==> flow/design.v <==
module dp_mem #(
  parameter DEPTH = 40,
  parameter W = 6,
  parameter NUM_RD = 6,
  parameter ADDR_W = $clog2(DEPTH)
) (
  input  wire CLK,
  input  wire clk_en,
  input  wire wr_en,
  input  wire [ADDR_W-1:0] wsel,
  input  wire [W-1:0] din,
  input  wire [NUM_RD*ADDR_W-1:0] rsel,
  output reg [NUM_RD*W-1:0] rd_data
);
  reg [DEPTH*W-1:0] ram;
  genvar k;
  generate
    for (k = 0; k < DEPTH; k = k + 1) begin : each
      always @(posedge CLK)
        if (clk_en && wr_en && wsel == k) ram[k*W +: W] <= din;
    end
  endgenerate
  reg [NUM_RD*W-1:0] work;
  integer j;
  integer i;
  always @* begin
    work = 0;
    for (j = 0; j < NUM_RD; j = j + 1) begin
      for (i = 0; i < DEPTH; i = i + 1)
        work[j*W +: W] = work[j*W +: W] | (ram[i*W +: W] & {W{rsel[j*ADDR_W +: ADDR_W] == i}});
    end
  end
  always @(posedge CLK) begin
    if (clk_en) begin
      rd_data <= work;
    end
  end
endmodule
# From RTL to reports: dp_mem
# What the tools print for dp_mem, step after step.
# Lines are those of the file above, counted from 1.
# Operators carry their Yosys type and port widths (W data, S select, Z words).
# Library cell names are shortened.
# Not given: -
# inputs
design	dp_mem
clk_port	CLK
lib	sky130hd
lib_corner	tt_025C_1v80

# Word-level counts
# Source: Yosys, flattened and elaborated, memories not mapped. Widths are those after wreduce; folded enables and synchronous resets count as part of the registers. Registers that Yosys merges into a memory's read port (data or address) are not register bits. Print and check cells do not count. Equal cells are merged and count once.
# bits
register_bits	276
in_bits	51
word_cells	836
# op_classes
bitwise	474
n_eq	273
reduce_logical	48
# op_table
cell	n
$and A6 B6 Y6	240
$or A6 B6 Y6	234
$eq A6 B5 Y1 const B	112
$eq A6 B4 Y1 const B	56
$eq A6 B6 Y1 const B	56
$eq A6 B3 Y1 const B	28
$eq A6 B2 Y1 const B	14
$eq A6 B1 Y1 const B	7
$logic_not A6 Y1	7
$logic_and A1 B1 Y1	41

# Logic depth
# Depth = most cells in a row (Yosys ltp): at word level without a register or memory, in the mapped netlist without a sequential cell, where the memories' decode and read muxes count.
# depth
ltp_word	41
ABC_AREA	0
ltp_mapped	9
ltp_nobuf	6

# Synthesis result
# Yosys stat after the flow's synthesis: flattened, memories mapped to cells. It holds for the ABC_AREA given above (unset counts as 0); a run with the other value may have another netlist.
# The area totals of this step are shown rounded.
# synth_totals
yosys_area_um2	21000
seqArea_um2	8290
stdcells	2220
flip_flops	276
# by_type
cell_type	n	type_area_um2
edfxtp_1	276	8.29E+03
a22oi_1	251	1.88E+03
mux2i_1	81	810.778
a32oi_1	85	744.464
mux2_2	66	743.213
nand3_1	144	720.691
nor2_1	163	611.837
a22o_1	59	516.746
nand2_1	131	491.722
a221oi_1	52	455.437
a21oi_1	80	400.384
nor3_1	79	395.379
buf_2	78	390.374
nand4_1	62	387.872
o21ai_0	71	355.341
clkbuf_1	85	319.056
a31oi_1	40	250.24
nor4_1	34	212.704
# Not listed: further types 63, cells in them 383.

# Timing after synthesis
# Path of least setup slack by OpenSTA after synthesis, without wires, with an ideal clock, recovery checks aside; 20% of the period is set as input and as output delay. Where synthesis merged equal registers, the netlist keeps one of their names.
# synth_timing
path_kind	input-to-reg
from	in wsel[5]
to	reg ram[48]
path_buffers	1
in_delay_ns	0.594
setup_time_ns	0.377
stages	4
arrival_time_ns	2.118
t_required_ns	2.593
delay_ns	1.901
clock_period_ns	2.97
slack_ns	0.475
synth_period_reached_ns	2.495
# "delay_ns" is the arrival time less input delay plus setup time.
# "stages": output pins that drive a net of the path, with the launching flip-flop's if there is one; two outputs of one cell count as two.
# "synth_period_reached_ns" = period - worst setup slack (recovery checks aside). The figure is calculated, with input and output delays left at 20% of the set period.
# Between the ends stands the longest chain of elaborated cells between them, by number of cells; it is not shown to be the way that was timed. Of several equally long chains one is given.
# Each line given opens the expression or statement behind the cell; cells for indexed reads and writes are added by Yosys, which also makes memories of some case tables.
# synth_between
cell_sequence	or3_1 -> clkbuf_1 -> or3b_2 -> nor3_1
elab_chain_len	2
cone_cells	2
cone_lines	1
# synth_lines
element	line	source
start: declaration	10	input  wire [ADDR_W-1:0] wsel,
$eq A6 B4 Y1	20	if (clk_en && wr_en && wsel == k) ram[k*W +: W] <= din;
$logic_and A1 B1 Y1	20
end: assignment	20
end: declaration	15	reg [DEPTH*W-1:0] ram;

# Worst path after layout
# Path of least setup slack in the final report of run A (OpenROAD, finished layout, wires in). Where an end is a register, its clock arrival counts in the times.
# layout_timing
path_kind	reg-to-reg
from	reg ram[14]
to	reg rd_data[2]
arrival_time_ns	2.61
clock_period_ns	1.82
t_required_ns	2.15
setup_time_ns	0.32
stages	7
path_buffers	1
slack_ns	-0.46
# Between the ends stands the longest chain of elaborated cells between them, by number of cells; it is not shown to be the way that was timed. Of several equally long chains one is given.
# layout_between
cell_sequence	edfxtp_1 -> buf_6 -> mux2_4 -> a222oi_1 -> a311oi_1 -> a21oi_1 -> nand4_1
elab_chain_len	39
cone_cells	39
cone_lines	1
# layout_lines
element	line	source
start: declaration	15	reg [DEPTH*W-1:0] ram;
start: assignment	20	if (clk_en && wr_en && wsel == k) ram[k*W +: W] <= din;
$and A6 B6 Y6	30	work[j*W +: W] = work[j*W +: W] | (ram[i*W +: W] & {W{rsel[j*ADDR_W +: ADDR_W] == i}});
$or A6 B6 Y6 x38	30
end: assignment	35	rd_data <= work;
end: declaration	13	output reg [NUM_RD*W-1:0] rd_data

Add stored flow runs of dp_mem

Settings and measured results of 2 stored flow runs for module dp_mem (sky130hd), not sorted in any way. The constraints put input and output delay at 20% of the set period each and load the outputs with 0.01 pF.
"achieved_clock_period_ns" is the run's clock period less its worst setup slack. It is reckoned from that one timing run; input and output delays stay at 20% of the period that was set.
"worst_path_ns" means the part of the period allowed to the worst setup path (the constraints hold back 20% at inputs and 20% at outputs) less its slack; where the path has registers, the arrival times of their clocks count too.
"power_total_mw" rests on the timing tool's default activity at the inputs, not on a simulated workload.
The results are shown rounded.

Run A, flow files:
==> flow/run.sh <==
#!/bin/bash
# the make line also repeats the synthesis and layout settings of config.mk as NAME=value (left out here)
make -C /OpenROAD-flow-scripts/flow DESIGN_CONFIG=/design/flow/config.mk WORK_HOME=/design/flow/orfs CLKGATE_MAP_FILE= finish
==> flow/config.mk <==
export PLATFORM = sky130hd
export DESIGN_NAME = dp_mem
export DESIGN_NICKNAME = dp_mem
export VERILOG_FILES = /design/flow/design.v
export SDC_FILE = /design/flow/constraint.sdc
export NUM_CORES = 4
export LEC_CHECK = 0
export ABC_AREA = 0
export CAP_MARGIN = 35
export CORE_MARGIN = 10
export CORE_UTILIZATION = 15
export CTS_CLUSTER_SIZE = 52
export HOLD_SLACK_MARGIN = -0.07
export MAX_ROUTING_LAYER = met4
export PLACE_DENSITY_LB_ADDON = 0.18
export SETUP_SLACK_MARGIN = 0.34
export SLEW_MARGIN = 5
export TNS_END_PERCENT = 20
==> flow/constraint.sdc <==
create_clock -name core_clock -period 1.82 [get_ports {CLK}]
set_input_delay 0.3640 -clock core_clock [delete_from_list [all_inputs] [get_ports {CLK}]]
set_output_delay 0.3640 -clock core_clock [all_outputs]
set_load 0.01 [all_outputs]

==> results of run A, as CSV <==
result,value
fin_util_pct,29.3
design_die_area_um2,156000
final_hold_ws_ns,0.217
power_total_mw,19.7
final_stdcell_area_um2,40900
worst_setup_slack_ns,-0.456
yosys.chip_area_um2,21000
worst_path_ns,2.28
worst_path_kind,"reg-to-reg"
achieved_clock_period_ns,2.276
tns_ns,-8.64

Run B, flow files:
==> flow/run.sh <==
#!/bin/bash
# the make line also repeats the synthesis and layout settings of config.mk as NAME=value (left out here)
make -C /OpenROAD-flow-scripts/flow DESIGN_CONFIG=/design/flow/config.mk WORK_HOME=/design/flow/orfs CLKGATE_MAP_FILE= finish
==> flow/config.mk <==
export PLATFORM = sky130hd
export DESIGN_NAME = dp_mem
export DESIGN_NICKNAME = dp_mem
export VERILOG_FILES = /design/flow/design.v
export SDC_FILE = /design/flow/constraint.sdc
export NUM_CORES = 4
export LEC_CHECK = 0
export CAP_MARGIN = 30
export CORE_MARGIN = 2
export CORE_UTILIZATION = 54
export CTS_CLUSTER_DIAMETER = 337
export MAX_ROUTING_LAYER = met4
export PLACE_DENSITY = 0.45
export SETUP_SLACK_MARGIN = -0.35
export SLEW_MARGIN = 20
export TNS_END_PERCENT = 15
==> flow/constraint.sdc <==
create_clock -name core_clock -period 3.87 [get_ports {CLK}]
set_input_delay 0.7740 -clock core_clock [delete_from_list [all_inputs] [get_ports {CLK}]]
set_output_delay 0.7740 -clock core_clock [all_outputs]
set_load 0.01 [all_outputs]

Run B: unfinished; error GRT-0116 in routing
